==> flow/design.v <==
module my_mul_core (clk_i, rstn, i_u, i_v, o_mul);
   parameter integer DATA_W = 4;
   input clk_i;
   input rstn;
   input [DATA_W-1:0] i_u;
   input [DATA_W-1:0] i_v;
   output reg [2*DATA_W-1:0] o_mul;
   always @(posedge clk_i) begin
      if (!rstn) begin
         o_mul <= 0;
      end else begin
         o_mul <= i_u * i_v;
      end
   end
endmodule
# Tool chain data of my_mul_core
# Module my_mul_core in several versions that differ in "DATA_W"; each step lists the members.
# The file above is the member DATA_W=4. Line numbers count from 1 in each member's own file.
# Operators: Yosys type, input widths -> output width; for muxes data width and select width s.
# Cell names lack the library's common part.
# A cell with - has no value.
[inputs]
top = "my_mul_core"
clk_port = "clk_i"
library = "sky130hd"
corner = "tt_025C_1v80"

# Members of the sweep
# Lines of each other member's file that are new or changed against the file above; lines that a member lacks are not shown.
[changed_lines]
columns = ["DATA_W", "line", "rtl"]
rows = [
  [5, 2, "parameter integer DATA_W = 5;"],
  [11, 2, "parameter integer DATA_W = 11;"],
  [12, 2, "parameter integer DATA_W = 12;"],
]

# Word level
# Source: Yosys, flattened and elaborated, memories not mapped. Widths are those after wreduce; folded enables and synchronous resets count as part of the registers. Registers that Yosys merges into a memory's read port (data or address) are not register bits. Print and check cells do not count. Equal cells are merged and count once.
[word_totals]
columns = ["DATA_W", "regBits", "input_bits", "word_cells"]
rows = [
  [4, 8, 10, 2],
  [5, 10, 12, 2],
  [11, 22, 24, 2],
  [12, 24, 26, 2],
]
[op_classes]
columns = ["DATA_W", "mul"]
rows = [
  [4, 1],
  [5, 1],
  [11, 1],
  [12, 1],
]
[ops]
columns = ["DATA_W", "operators"]
rows = [
  [4, "$mul 4x4->8: 1"],
  [5, "$mul 5x5->10: 1"],
  [11, "$mul 11x11->22: 1"],
  [12, "$mul 12x12->24: 1"],
]

# Logic depth
# Depth = most cells in a row (Yosys ltp): at word level without a register or memory, in the mapped netlist without a sequential cell, where the memories' decode and read muxes count.
[logic_depth]
columns = ["DATA_W", "ltp_word", "ABC_AREA", "depth_mapped", "mapped_depth_nobuf"]
rows = [
  [4, 1, 0, 8, 8],
  [5, 1, 0, 11, 11],
  [11, 1, 0, 19, 18],
  [12, 1, 0, 19, 17],
]

# Netlist
# Yosys stat after the flow's synthesis: flattened, memories mapped to cells. It holds for the ABC_AREA given above (unset counts as 0); a run with the other value may have another netlist.
# The area totals of this step are shown rounded.
[types]
columns = ["DATA_W", "type_list"]
rows = [
  [4, "dfxtp_1: 8; ha_1: 12; and2_1: 16; fa_1: 4; nand2_1: 5; a21o_1: 2; nand3b_1: 2; a211oi_2: 1; mux2i_1: 1; nand4b_1: 1; o2111ai_1: 1; o21ai_2: 1; o311ai_0: 1; or3b_1: 1; xor2_1: 1; a211oi_1: 1; inv_1: 2; nor2_1: 2; (+6)"],
  [5, "ha_1: 18; dfxtp_1: 10; fa_1: 9; and2_1: 20; inv_1: 13; nand2_1: 7; a21oi_1: 4; nor3_1: 4; a41oi_2: 1; o21a_1: 2; nor2b_4: 1; a211oi_2: 1; nor3b_2: 1; o31ai_2: 1; mux2i_1: 1; o211a_1: 1; a211oi_1: 1; a21o_1: 1; (+16)"],
  [11, "fa_1: 80; ha_1: 60; and2_1: 76; dfxtp_1: 22; inv_1: 105; nand2_1: 73; clkbuf_1: 26; a21oi_1: 17; xor2_1: 8; o21ai_0: 12; xnor2_1: 6; o211ai_1: 5; nor2_1: 9; nand2b_1: 5; a211oi_2: 2; and3_1: 4; nand4_1: 4; o31ai_1: 3; (+19)"],
  [12, "fa_1: 100; ha_1: 62; inv_1: 141; dfxtp_1: 24; nand2_1: 107; and2_1: 56; clkbuf_1: 28; a21oi_1: 14; mux2i_1: 7; nand2b_1: 8; nand4_1: 8; a21o_1: 6; nor2_1: 12; o21ai_0: 7; xnor2_1: 4; and3_1: 5; nor3_1: 6; o221ai_4: 1; (+48)"],
]
# A list marked (+n) leaves out that many cells.
[mapped]
columns = ["DATA_W", "stdcells", "area_um2", "seqArea_um2", "ff_cells"]
rows = [
  [4, 68, 669.4, 160.2, 8],
  [5, 112, 1056, 200.2, 10],
  [11, 536, 4631, 440.4, 22],
  [12, 644, 5514, 480.5, 24],
]

# Worst setup path after synthesis
# OpenSTA on the mapped netlist: ideal clock, no wires. The path of least setup slack (recovery checks aside). Input and output delay are each 20% of the period. Register names are those of the netlist, which keeps one name where synthesis merged equal registers.
[synth_path]
columns = ["DATA_W", "path_type", "from", "to", "period_ns", "setup_slack_ns", "stages", "path_delay_ns", "synth_period_reached_ns"]
rows = [
  [4, "input to register", "input port i_u[0]", "register o_mul[7]", 3.5, 0.558, 8, 2.242, 2.942],
  [5, "input to register", "input port i_u[0]", "register o_mul[9]", 4.22, 0.674, 10, 2.702, 3.546],
  [11, "input to register", "input port i_v[2]", "register o_mul[20]", 7.27, 1.166, 19, 4.650, 6.104],
  [12, "input to register", "input port i_v[3]", "register o_mul[22]", 7.0, 1.124, 18, 4.477, 5.876],
]
# "path_delay_ns" is the arrival time less input delay plus setup time.
# "stages" counts driving pins, that of a launching flip-flop among them; a cell with two outputs on the path counts twice.
# "synth_period_reached_ns" is the clock period less the worst setup slack; recovery checks do not enter. This is arithmetic on one report: input and output delays are still those of the set period (20% each).
# The rows between start and end are the longest chain of elaborated cells between them; the timing report does not say that the signal goes this way. Where chains are equally long, one stands for them.
# A line is the first line of the expression or statement that the cell stems from. Yosys adds cells for indexed reads and writes and turns some case tables into memories.
[synth_via_DATA_W_4]
elab_chain_cells = 1
[synth_rtl_DATA_W_4]
columns = ["item", "line", "rtl"]
rows = [
  ["start, declared", 5, "input [DATA_W-1:0] i_u;"],
  ["$mul 4x4->8", 12, "o_mul <= i_u * i_v;"],
  ["end, assigned", 10, "o_mul <= 0;"],
  ["end, assigned", 12, ""],
  ["end, declared", 7, "output reg [2*DATA_W-1:0] o_mul;"],
]
[synth_via_DATA_W_12]
elab_chain_cells = 1
[synth_rtl_DATA_W_12]
columns = ["item", "line", "rtl"]
rows = [
  ["start, declared", 6, "input [DATA_W-1:0] i_v;"],
  ["$mul 12x12->24", 12, "o_mul <= i_u * i_v;"],
  ["end, assigned", 10, "o_mul <= 0;"],
  ["end, assigned", 12, ""],
  ["end, declared", 7, "output reg [2*DATA_W-1:0] o_mul;"],
]

# Timing after layout
# Path of least setup slack in the final report of the run of each member (OpenROAD, finished layout, wires in). Where an end is a register, its clock arrival counts in the times.
[layout_path]
columns = ["DATA_W", "path_type", "from", "to", "period_ns", "setup_slack_ns", "stages", "arrival_ns", "path_buffers"]
rows = [
  [4, "input to register", "input port i_u[0]", "register o_mul[7]", 3.5, 0.21, 9, 3.42, 1],
  [5, "input to register", "input port i_v[4]", "register o_mul[9]", 4.22, 0.30, 11, 4.12, 1],
  [11, "input to register", "input port i_u[7]", "register o_mul[20]", 7.27, 0.64, 19, 6.77, 1],
  [12, "input to register", "input port i_v[4]", "register o_mul[22]", 7.0, 0.49, 18, 6.70, 1],
]

# Measured runs
# Settings and results of one run of the flow (Yosys, OpenROAD) for each member follow. The constraints put input and output delay at 20% of the set period each and load the outputs with 0.01 pF.
[settings]
CAP_MARGIN = 20
CORE_MARGIN = 2
CORE_UTILIZATION = 40
SLEW_MARGIN = 20
[settings_by_member]
columns = ["DATA_W", "period_ns"]
rows = [
  [4, 3.5],
  [5, 4.22],
  [11, 7.27],
  [12, 7.0],
]
[results]
columns = ["DATA_W", "synthesis_area_um2", "design.die.area_um2", "cell_area_final_um2", "utilization_pct", "setup_ws_ns", "tns_ns", "fin_hold_ws_ns", "total_power_uw", "achieved_period_ns"]
rows = [
  [4, 669.4, 2017, 922.1, 59.8, 0.213, 0.000, 1.101, 287.7, 3.287],
  [5, 1056, 3067, 1393, 55.7, 0.304, 0.000, 1.269, 413.9, 3.916],
  [11, 4631, 12450, 5260, 46.3, 0.637, 0.000, 2.138, 1777, 6.633],
  [12, 5514, 14740, 6251, 46.8, 0.489, 0.000, 2.056, 2428, 6.511],
]
# By "achieved_period_ns" is meant the clock period of the run minus its worst setup slack. This is arithmetic on one report: input and output delays are still those of the set period (20% each).
# By "total_power_uw" is meant OpenSTA's value without simulated activity: inputs other than the clock are taken to toggle once in ten clock periods, and the tool carries that through the logic.
# Results are given in rounded form.
